==> flow/design.v <==
module my_reg_bank_top #(
    parameter ENTRIES = 4,
    parameter DATA_W = 64,
    parameter ADDR_WIDTH = $clog2(ENTRIES)
) (
    input  wire i_clk,
    input  wire RSTN,
    input  wire [ADDR_WIDTH-1:0] i_addr,
    input  wire i_write,
    input  wire [DATA_W-1:0] i_write_data,
    output wire [DATA_W-1:0] o_read_data
);
    reg [ADDR_WIDTH-1:0] r_addr;
    always @(posedge i_clk or negedge RSTN) begin
        if (~RSTN) begin
            r_addr <= 0;
        end else begin
            r_addr <= i_addr;
        end
    end
    reg r_write;
    always @(posedge i_clk or negedge RSTN) begin
        if (~RSTN) begin
            r_write <= 1'b0;
        end else begin
            r_write <= i_write;
        end
    end
    reg [DATA_W-1:0] r_write_data;
    always @(posedge i_clk or negedge RSTN) begin
        if (~RSTN) begin
            r_write_data <= 0;
        end else begin
            r_write_data <= i_write_data;
        end
    end
    reg [DATA_W-1:0] bank [0:ENTRIES-1];
    always @(posedge i_clk)
        if (r_write) bank[r_addr] <= r_write_data;
    assign o_read_data = bank[r_addr];
endmodule
### From RTL to reports: my_reg_bank_top

What the tools print for my_reg_bank_top, step after step.
Lines are those of the file above, counted from 1.
Library cell names are shortened.
A cell with - has no value.

| set-up | value |
|---|---|
| top | my_reg_bank_top |
| clock port | i_clk |
| library | sky130hd |
| corner | tt_025C_1v80 |

### Elaborated design

Counts by Yosys on the flattened word-level netlist (proc, flatten, opt, wreduce; memories kept). Register bits leave out memories and registers merged into their read ports (data or address); mux counts leave out enables and synchronous resets folded into registers. Print and check cells are left out. Cells with the same type and inputs are merged into one.
Yosys's memory passes give these memory sizes; they may raise the number of words (mostly to a power of two), join words into wider ones and drop unused or constant bits.

| cells by class | value |
|---|---|
| muxes and demuxes | 3 |

Operators with widths:

| operator | count |
|---|---|
| two-way mux 64 bit | 1 |
| two-way mux 2 bit | 1 |
| two-way mux 1 bit | 1 |

| bit counts | value |
|---|---|
| input port bits | 69 |
| memory cells | 1 |
| output and inout port bits | 64 |
| register bits | 67 |
| bits in writable memories | 256 |

Memories:

| memory | depth | bits a word | rd ports | wr ports | RTL line | RTL |
|---|---|---|---|---|---|---|
| bank | 4 | 64 | 1 | 1 | 37 | `reg [DATA_W-1:0] bank [0:ENTRIES-1];` |

### Depth

Yosys ltp: most cells in a row. Word level: on the elaborated netlist, between registers, memories and ports. Mapped: between sequential cells and ports; inverters and the memories' decode and read muxes count.

| depth | value |
|---|---|
| word-level depth | 1 |
| ABC_AREA | 0 |
| mapped depth | 4 |
| mapped depth without buffers | 1 |

### Netlist

Yosys stat after the flow's synthesis: flattened, memories mapped to cells. It holds for the ABC_AREA given above (unset counts as 0); a run with the other value may have another netlist.

| mapped netlist | value |
|---|---|
| chip area (Yosys) | 10963.0 sq um |
| standard cells after synthesis | 407 |
| flip-flops | 323 |

Cells by type:

| type | count | area in all (sq um) |
|---|---|---|
| edfxtp_1 | 256 | 7.69E+03 |
| dfrtp_1 | 67 | 1.68E+03 |
| mux4_2 | 64 | 1.44E+03 |
| buf_12 | 3 | 60.058 |
| buf_2 | 8 | 40.038 |
| and3b_1 | 2 | 17.517 |
| clkbuf_1 | 4 | 15.014 |
| buf_6 | 1 | 11.261 |
| nor3b_1 | 1 | 7.507 |
| and3_1 | 1 | 6.256 |

### Timing after synthesis

Path of least setup slack by OpenSTA after synthesis, without wires, with an ideal clock, recovery checks aside; 20% of the period is set as input and as output delay. Where synthesis merged equal registers, the netlist keeps one of their names.

| path after synthesis | value |
|---|---|
| kind | register to register |
| start point | register r_addr[1] |
| end point | memory bank[0][0] |
| path slack | 1.521 ns |
| stages | 5 |
| period | 7.62 ns |
| setup time | 0.578 ns |
| arrival | 5.521 ns |
| buffers on the path | 3 |
| delay of the path | 6.099 ns |
| launch time at the first pin | 0.000 ns |
| synthesis period reached | 6.099 ns |

"delay of the path" = arrival - input delay + setup time.
"stages": output pins that drive a net of the path, with the launching flip-flop's if there is one; two outputs of one cell count as two.
"synthesis period reached" is the clock period less the worst setup slack; recovery checks do not enter. This is arithmetic on one report: input and output delays are still those of the set period (20% each).
The rows between start and end are the longest chain of elaborated cells between them; the timing report does not say that the signal goes this way. Where chains are equally long, one stands for them.
A line is the first line of the expression or statement that the cell stems from. Yosys adds cells for indexed reads and writes and turns some case tables into memories.

| on the way, after synthesis | value |
|---|---|
| path through | dfrtp_1 buf_2 buf_2 buf_2 nor3b_1 |
| cells in the longest elaborated chain | 1 |
| elaborated cells between the ends (all ways) | 1 |
| RTL lines with such cells | 1 |

RTL lines, path after synthesis:

| item | RTL line | RTL |
|---|---|---|
| start: declaration | 13 | `reg [ADDR_WIDTH-1:0] r_addr;` |
| start: assignment | 16 | `r_addr <= 0;` |
| start: assignment | 18 | `r_addr <= i_addr;` |
| two-way mux 2 bit | 39 | `if (r_write) bank[r_addr] <= r_write_data;` |
| end: declaration | 37 | `reg [DATA_W-1:0] bank [0:ENTRIES-1];` |

### Worst path after layout

Path of least setup slack in the final report of flow run 1 (OpenROAD, finished layout, wires in). Where an end is a register, its clock arrival counts in the times.

| path after layout | value |
|---|---|
| kind | register to output |
| start point | register r_addr[0] |
| end point | output o_read_data[1] |
| arrival | 3.21 ns |
| launch time at the first pin | 0.52 ns |
| path slack | 1.27 ns |
| stages | 4 |
| period | 5.6 ns |
| buffers on the path | 2 |

The rows between start and end are the longest chain of elaborated cells between them; the timing report does not say that the signal goes this way. Where chains are equally long, one stands for them.
The chain passes a memory read, where the word-level depth is cut; so it can be longer than that depth.

| on the way, after layout | value |
|---|---|
| path through | dfrtp_4 buf_4 mux4_2 clkdlybuf4s50_1 |
| cells in the longest elaborated chain | 1 |
| elaborated cells between the ends (all ways) | 1 |
| RTL lines with such cells | 1 |

RTL lines, path after layout:

| item | RTL line | RTL |
|---|---|---|
| start: declaration | 13 | `reg [ADDR_WIDTH-1:0] r_addr;` |
| start: assignment | 16 | `r_addr <= 0;` |
| start: assignment | 18 | `r_addr <= i_addr;` |
| memory read (4 x 64 bit) | 37 | `reg [DATA_W-1:0] bank [0:ENTRIES-1];` |
| end: declaration | 11 | `output wire [DATA_W-1:0] o_read_data` |

Data sheet: physical implementation of my_reg_bank_top

Settings and measured results of 3 stored flow runs for module my_reg_bank_top (sky130hd), not sorted in any way. The constraints put input and output delay at 20% of the set period each and load the outputs with 0.01 pF.
"achieved period" is the run's clock period less its worst setup slack. It is reckoned from that one timing run; input and output delays stay at 20% of the period that was set.
"worst path time" is the time allowed to the run's worst setup path (the clock period less input and output delay, where it has them) less its slack. Clock arrival times count: a late capture clock shortens it, a late launch clock lengthens it.
By "total power of the final layout" is meant OpenSTA's value without simulated activity: inputs other than the clock are taken to toggle once in ten clock periods, and the tool carries that through the logic.

## Flow run 1

==> flow/run.sh <==
#!/bin/bash
# the make line also repeats the synthesis and layout settings of config.mk as NAME=value (left out here)
make -C /OpenROAD-flow-scripts/flow DESIGN_CONFIG=/design/flow/config.mk WORK_HOME=/design/flow/orfs CLKGATE_MAP_FILE= finish
==> flow/config.mk <==
export PLATFORM = sky130hd
export DESIGN_NAME = my_reg_bank_top
export DESIGN_NICKNAME = my_reg_bank_top
export VERILOG_FILES = /design/flow/design.v
export SDC_FILE = /design/flow/constraint.sdc
export NUM_CORES = 4
export LEC_CHECK = 0
export CAP_MARGIN = 20
export CORE_MARGIN = 2
export CORE_UTILIZATION = 64
export CTS_CLUSTER_SIZE = 70
export GPL_ROUTABILITY_DRIVEN = 0
export MAX_ROUTING_LAYER = met5
export MIN_ROUTING_LAYER = met1
export PLACE_DENSITY_LB_ADDON = 0.0
export SETUP_SLACK_MARGIN = -0.47
export SLEW_MARGIN = 20
==> flow/constraint.sdc <==
create_clock -name core_clock -period 5.6 [get_ports {i_clk}]
set_input_delay 1.1200 -clock core_clock [delete_from_list [all_inputs] [get_ports {i_clk}]]
set_output_delay 1.1200 -clock core_clock [all_outputs]
set_load 0.01 [all_outputs]

| result of flow run 1 | value |
|---|---|
| utilization of the finished layout | 81.1% |
| full die area | 18192.6 sq um |
| netlist area reported by Yosys | 10963.0 sq um |
| worst path time | 3.21 ns |
| critical path kind | register to output |
| post-route setup TNS | 0.000 ns |
| post-route worst hold slack | 0.487 ns |
| total power of the final layout | 5105 uW |
| achieved period | 4.332 ns |
| standard-cell area after layout | 13500.4 sq um |
| setup slack of the critical path | 1.268 ns |

## Flow run 2

==> flow/run.sh <==
#!/bin/bash
# the make line also repeats the synthesis and layout settings of config.mk as NAME=value (left out here)
make -C /OpenROAD-flow-scripts/flow DESIGN_CONFIG=/design/flow/config.mk WORK_HOME=/design/flow/orfs CLKGATE_MAP_FILE= finish
==> flow/config.mk <==
export PLATFORM = sky130hd
export DESIGN_NAME = my_reg_bank_top
export DESIGN_NICKNAME = my_reg_bank_top
export VERILOG_FILES = /design/flow/design.v
export SDC_FILE = /design/flow/constraint.sdc
export NUM_CORES = 4
export LEC_CHECK = 0
export ABC_AREA = 1
export CAP_MARGIN = 35
export CELL_PAD_IN_SITES_GLOBAL_PLACEMENT = 2
export CORE_MARGIN = 2
export CORE_UTILIZATION = 22
export CTS_CLUSTER_DIAMETER = 226
export MAX_ROUTING_LAYER = met5
export PLACE_DENSITY = 0.88
export SLEW_MARGIN = 20
==> flow/constraint.sdc <==
create_clock -name core_clock -period 9.84 [get_ports {i_clk}]
set_input_delay 1.9680 -clock core_clock [delete_from_list [all_inputs] [get_ports {i_clk}]]
set_output_delay 1.9680 -clock core_clock [all_outputs]
set_load 0.01 [all_outputs]

| result of flow run 2 | value |
|---|---|
| worst path time | 3.33 ns |
| critical path kind | register to output |
| post-route setup TNS | 0.000 ns |
| standard-cell area after layout | 15123.3 sq um |
| post-route worst hold slack | 0.482 ns |
| achieved period | 5.297 ns |
| total power of the final layout | 3113 uW |
| full die area | 55755.0 sq um |
| setup slack of the critical path | 4.543 ns |
| netlist area reported by Yosys | 11853.9 sq um |
| utilization of the finished layout | 28.3% |

## Flow run 3

==> flow/run.sh <==
#!/bin/bash
# the make line also repeats the synthesis and layout settings of config.mk as NAME=value (left out here)
make -C /OpenROAD-flow-scripts/flow DESIGN_CONFIG=/design/flow/config.mk WORK_HOME=/design/flow/orfs CLKGATE_MAP_FILE= finish
==> flow/config.mk <==
export PLATFORM = sky130hd
export DESIGN_NAME = my_reg_bank_top
export DESIGN_NICKNAME = my_reg_bank_top
export VERILOG_FILES = /design/flow/design.v
export SDC_FILE = /design/flow/constraint.sdc
export NUM_CORES = 4
export LEC_CHECK = 0
export CAP_MARGIN = 20
export CORE_MARGIN = 2
export CORE_UTILIZATION = 40
export SLEW_MARGIN = 20
==> flow/constraint.sdc <==
create_clock -name core_clock -period 7.62 [get_ports {i_clk}]
set_input_delay 1.5240 -clock core_clock [delete_from_list [all_inputs] [get_ports {i_clk}]]
set_output_delay 1.5240 -clock core_clock [all_outputs]
set_load 0.01 [all_outputs]

| result of flow run 3 | value |
|---|---|
| full die area | 28747.2 sq um |
| netlist area reported by Yosys | 10963.0 sq um |
| post-route worst hold slack | 0.486 ns |
| achieved period | 4.786 ns |
| utilization of the finished layout | 51.1% |
| setup slack of the critical path | 2.834 ns |
| standard-cell area after layout | 13761.9 sq um |
| worst path time | 3.26 ns |
| critical path kind | register to output |
| total power of the final layout | 3855 uW |
| post-route setup TNS | 0.000 ns |
